==> flow/design.v <==
module core_shift #(
   parameter W = 12,
   parameter LOGN = $clog2(W)
) (
   input ck,
   input [W-1:0] val,
   input [LOGN-1:0] sh,
   input lr,
   output [W-1:0] result
);
   reg [W-1:0] result_r;
   always @(posedge ck) begin
      result_r <= lr ? val << sh : val >> sh;
   end
   assign result = result_r;
endmodule
**Step by step through the tools: core_shift**

The steps from the RTL of core_shift to its reports follow in flow order.
Line numbers count from 1 in the design file above.
Library cell names are shortened.
The mark -- stands for no value.

- Design top: core_shift
- Clock port: ck
- Cell library: sky130hd
- Corner: tt_025C_1v80

**Word-level counts**

Counts by Yosys on the flattened word-level netlist (proc, flatten, opt, wreduce; memories kept). Register bits leave out memories and registers merged into their read ports (data or address); mux counts leave out enables and synchronous resets folded into registers. Print and check cells are left out. Cells with the same type and inputs are merged into one.

- Register bits after elaboration: 12
- Input bits: 18
- Output and inout port bits: 12

- Shift operators: 2
- Multiplexer cells: 1

Operators by type and width:

| operator | count |
|---|---|
| 12-bit by 4-bit << shifter with 12-bit output | 1 |
| 12-bit by 4-bit >> shifter with 12-bit output | 1 |
| 12-bit 2-to-1 mux | 1 |

**Depth**

Longest topological path by Yosys (ltp), each cell counted once; first at word level (registers and memories cut), then after technology mapping (sequential cells cut; the memories' decode and read muxes count).

- Depth in word-level cells: 2
- ABC_AREA: 0
- Mapped depth: 7
- Depth with buffers taken out: 4

**Netlist**

Yosys stat after the flow's synthesis: flattened, memories mapped to cells. It holds for the ABC_AREA given above (unset counts as 0); a run with the other value may have another netlist.
The area totals of this step are shown rounded.

- Cell count: 147
- Chip area (Yosys): 0.001414 mm^2
- Sequential area: 0.0002402 mm^2
- Mapped flip-flops: 12

Cell types:

| type | count |
|---|---|
| dfxtp_1 | 12 |
| mux2i_1 | 18 |
| mux4_2 | 8 |
| mux4_1 | 4 |
| clkbuf_8 | 5 |
| mux2_2 | 6 |
| nand2_1 | 11 |
| o211ai_1 | 5 |
| buf_6 | 3 |
| nor2_1 | 9 |
| a21oi_1 | 5 |
| nor2b_1 | 4 |
| o21ai_0 | 5 |
| nand3b_1 | 3 |
| a31oi_1 | 3 |
| nand2b_1 | 3 |
| a311oi_1 | 2 |
| and2b_2 | 2 |

Not listed: further types 25, cells in them 39.

**Timing after synthesis**

OpenSTA on the mapped netlist: ideal clock, no wires. The path of least setup slack (recovery checks aside). Input and output delay are each 20% of the period. Register names are those of the netlist, which keeps one name where synthesis merged equal registers.

- Path kind: input to register
- Start point: in sh[1]
- End point: reg result_r[2]
- Clock period: 1.91 ns
- Input delay: 0.382 ns
- Library setup time: 0.127 ns
- Time at the first pin: 0.382 ns
- Data arrival time: 1.477 ns
- Required time: 1.783 ns
- Path slack: 0.307 ns
- Path delay: 1.222 ns
- Stages: 5
- Path buffers: 1
- Synthesis period reached: 1.603 ns

"path delay" is the arrival time less input delay plus setup time.
"stages": output pins that drive a net of the path, with the launching flip-flop's if there is one; two outputs of one cell count as two.
"synthesis period reached" is the clock period less the worst setup slack; recovery checks do not enter. This is arithmetic on one report: input and output delays are still those of the set period (20% each).
The rows between start and end are the longest chain of elaborated cells between them; the timing report does not say that the signal goes this way. Where chains are equally long, one stands for them.
A line is the first line of the expression or statement that the cell stems from. Yosys adds cells for indexed reads and writes and turns some case tables into memories.

- Cells stage by stage: buf_6 mux2_2 mux4_2 mux2i_1 o21ai_1
- Cells in the longest elaborated chain: 2

Ends and longest elaborated chain, after synthesis:

| element | RTL line | source |
|---|---|---|
| start, declared | 7 | `input [LOGN-1:0] sh,` |
| 12-bit by 4-bit >> shifter with 12-bit output | 13 | `result_r <= lr ? val << sh : val >> sh;` |
| 12-bit 2-to-1 mux | 13 |  |
| end, assigned | 13 |  |
| end, declared | 11 | `reg [W-1:0] result_r;` |

**Worst path after layout**

Path of least setup slack in the final report of run 1 (OpenROAD, finished layout, wires in). Where an end is a register, its clock arrival counts in the times.

- Path kind: input to register
- Start point: in val[8]
- End point: reg result_r[8]
- Clock period: 1.91 ns
- Input delay: 0.38 ns
- Library setup time: 0.11 ns
- Time at the first pin: 0.38 ns
- Data arrival time: 2.04 ns
- Required time: 2.08 ns
- Path slack: 0.04 ns
- Stages: 5
- Path buffers: 1

The rows between start and end are the longest chain of elaborated cells between them; the timing report does not say that the signal goes this way. Where chains are equally long, one stands for them.

- Cells stage by stage: clkdlybuf4s50_1 and2b_2 a2111oi_0 nand3b_1 a31oi_1
- Cells in the longest elaborated chain: 2

Ends and longest elaborated chain, after layout:

| element | RTL line | source |
|---|---|---|
| start, declared | 6 | `input [W-1:0] val,` |
| 12-bit by 4-bit >> shifter with 12-bit output | 13 | `result_r <= lr ? val << sh : val >> sh;` |
| 12-bit 2-to-1 mux | 13 |  |
| end, assigned | 13 |  |
| end, declared | 11 | `reg [W-1:0] result_r;` |

Ticket comment

Record of 2 stored runs of the RTL-to-layout flow on core_shift, platform sky130hd. The runs are unordered. Constraints: input delay and output delay 20% of the set period each, output load 0.01 pF.
By "reached clock period" is meant the clock period of the run minus its worst setup slack. This is arithmetic on one report: input and output delays are still those of the set period (20% each).
"time of the worst setup path" = time allowed to the worst setup path (clock period - input delay - output delay, where it has them) - its slack; a late launch clock adds to it, a late capture clock takes from it.
"overall power": no workload was simulated; the value follows from the tool's default switching activity.
The results are shown rounded.

### Run 1

==> flow/run.sh <==
#!/bin/bash
# the make line also repeats the synthesis and layout settings of config.mk as NAME=value (left out here)
make -C /OpenROAD-flow-scripts/flow DESIGN_CONFIG=/design/flow/config.mk WORK_HOME=/design/flow/orfs CLKGATE_MAP_FILE= finish
==> flow/config.mk <==
export PLATFORM = sky130hd
export DESIGN_NAME = core_shift
export DESIGN_NICKNAME = core_shift
export VERILOG_FILES = /design/flow/design.v
export SDC_FILE = /design/flow/constraint.sdc
export NUM_CORES = 4
export LEC_CHECK = 0
export CAP_MARGIN = 20
export CORE_MARGIN = 2
export CORE_UTILIZATION = 40
export SLEW_MARGIN = 20
==> flow/constraint.sdc <==
create_clock -name core_clock -period 1.91 [get_ports {ck}]
set_input_delay 0.3820 -clock core_clock [delete_from_list [all_inputs] [get_ports {ck}]]
set_output_delay 0.3820 -clock core_clock [all_outputs]
set_load 0.01 [all_outputs]

Results of run 1:
- Standard-cell area after layout: 0.002029 mm^2
- Synthesized cell area: 0.001414 mm^2
- Utilization after routing: 60.3%
- Reached clock period: 1.874 ns
- Total die area: 0.004026 mm^2
- Lowest setup slack: 0.036 ns
- Overall power: 928.9 µW
- Worst hold slack in the final report: 0.902 ns
- Post-route setup TNS: 0.000 ns
- Time of the worst setup path: 1.49 ns
- Critical path type: input to register

### Run 2

==> flow/run.sh <==
#!/bin/bash
# the make line also repeats the synthesis and layout settings of config.mk as NAME=value (left out here)
make -C /OpenROAD-flow-scripts/flow DESIGN_CONFIG=/design/flow/config.mk WORK_HOME=/design/flow/orfs CLKGATE_MAP_FILE= finish
==> flow/config.mk <==
export PLATFORM = sky130hd
export DESIGN_NAME = core_shift
export DESIGN_NICKNAME = core_shift
export VERILOG_FILES = /design/flow/design.v
export SDC_FILE = /design/flow/constraint.sdc
export NUM_CORES = 4
export LEC_CHECK = 0
export ABC_AREA = 1
export CAP_MARGIN = 20
export CORE_MARGIN = 7
export CORE_UTILIZATION = 17
export PLACE_DENSITY_LB_ADDON = 0.1
export SETUP_SLACK_MARGIN = 0.1
export SLEW_MARGIN = 20
==> flow/constraint.sdc <==
create_clock -name core_clock -period 1.23 [get_ports {ck}]
set_input_delay 0.2460 -clock core_clock [delete_from_list [all_inputs] [get_ports {ck}]]
set_output_delay 0.2460 -clock core_clock [all_outputs]
set_load 0.01 [all_outputs]

Results of run 2:
- Standard-cell area after layout: 0.001903 mm^2
- Synthesized cell area: 0.001127 mm^2
- Utilization after routing: 29.8%
- Reached clock period: 1.083 ns
- Total die area: 0.009108 mm^2
- Lowest setup slack: 0.147 ns
- Overall power: 1410 µW
- Worst hold slack in the final report: 0.522 ns
- Post-route setup TNS: 0.000 ns
- Time of the worst setup path: 0.84 ns
- Critical path type: register to output
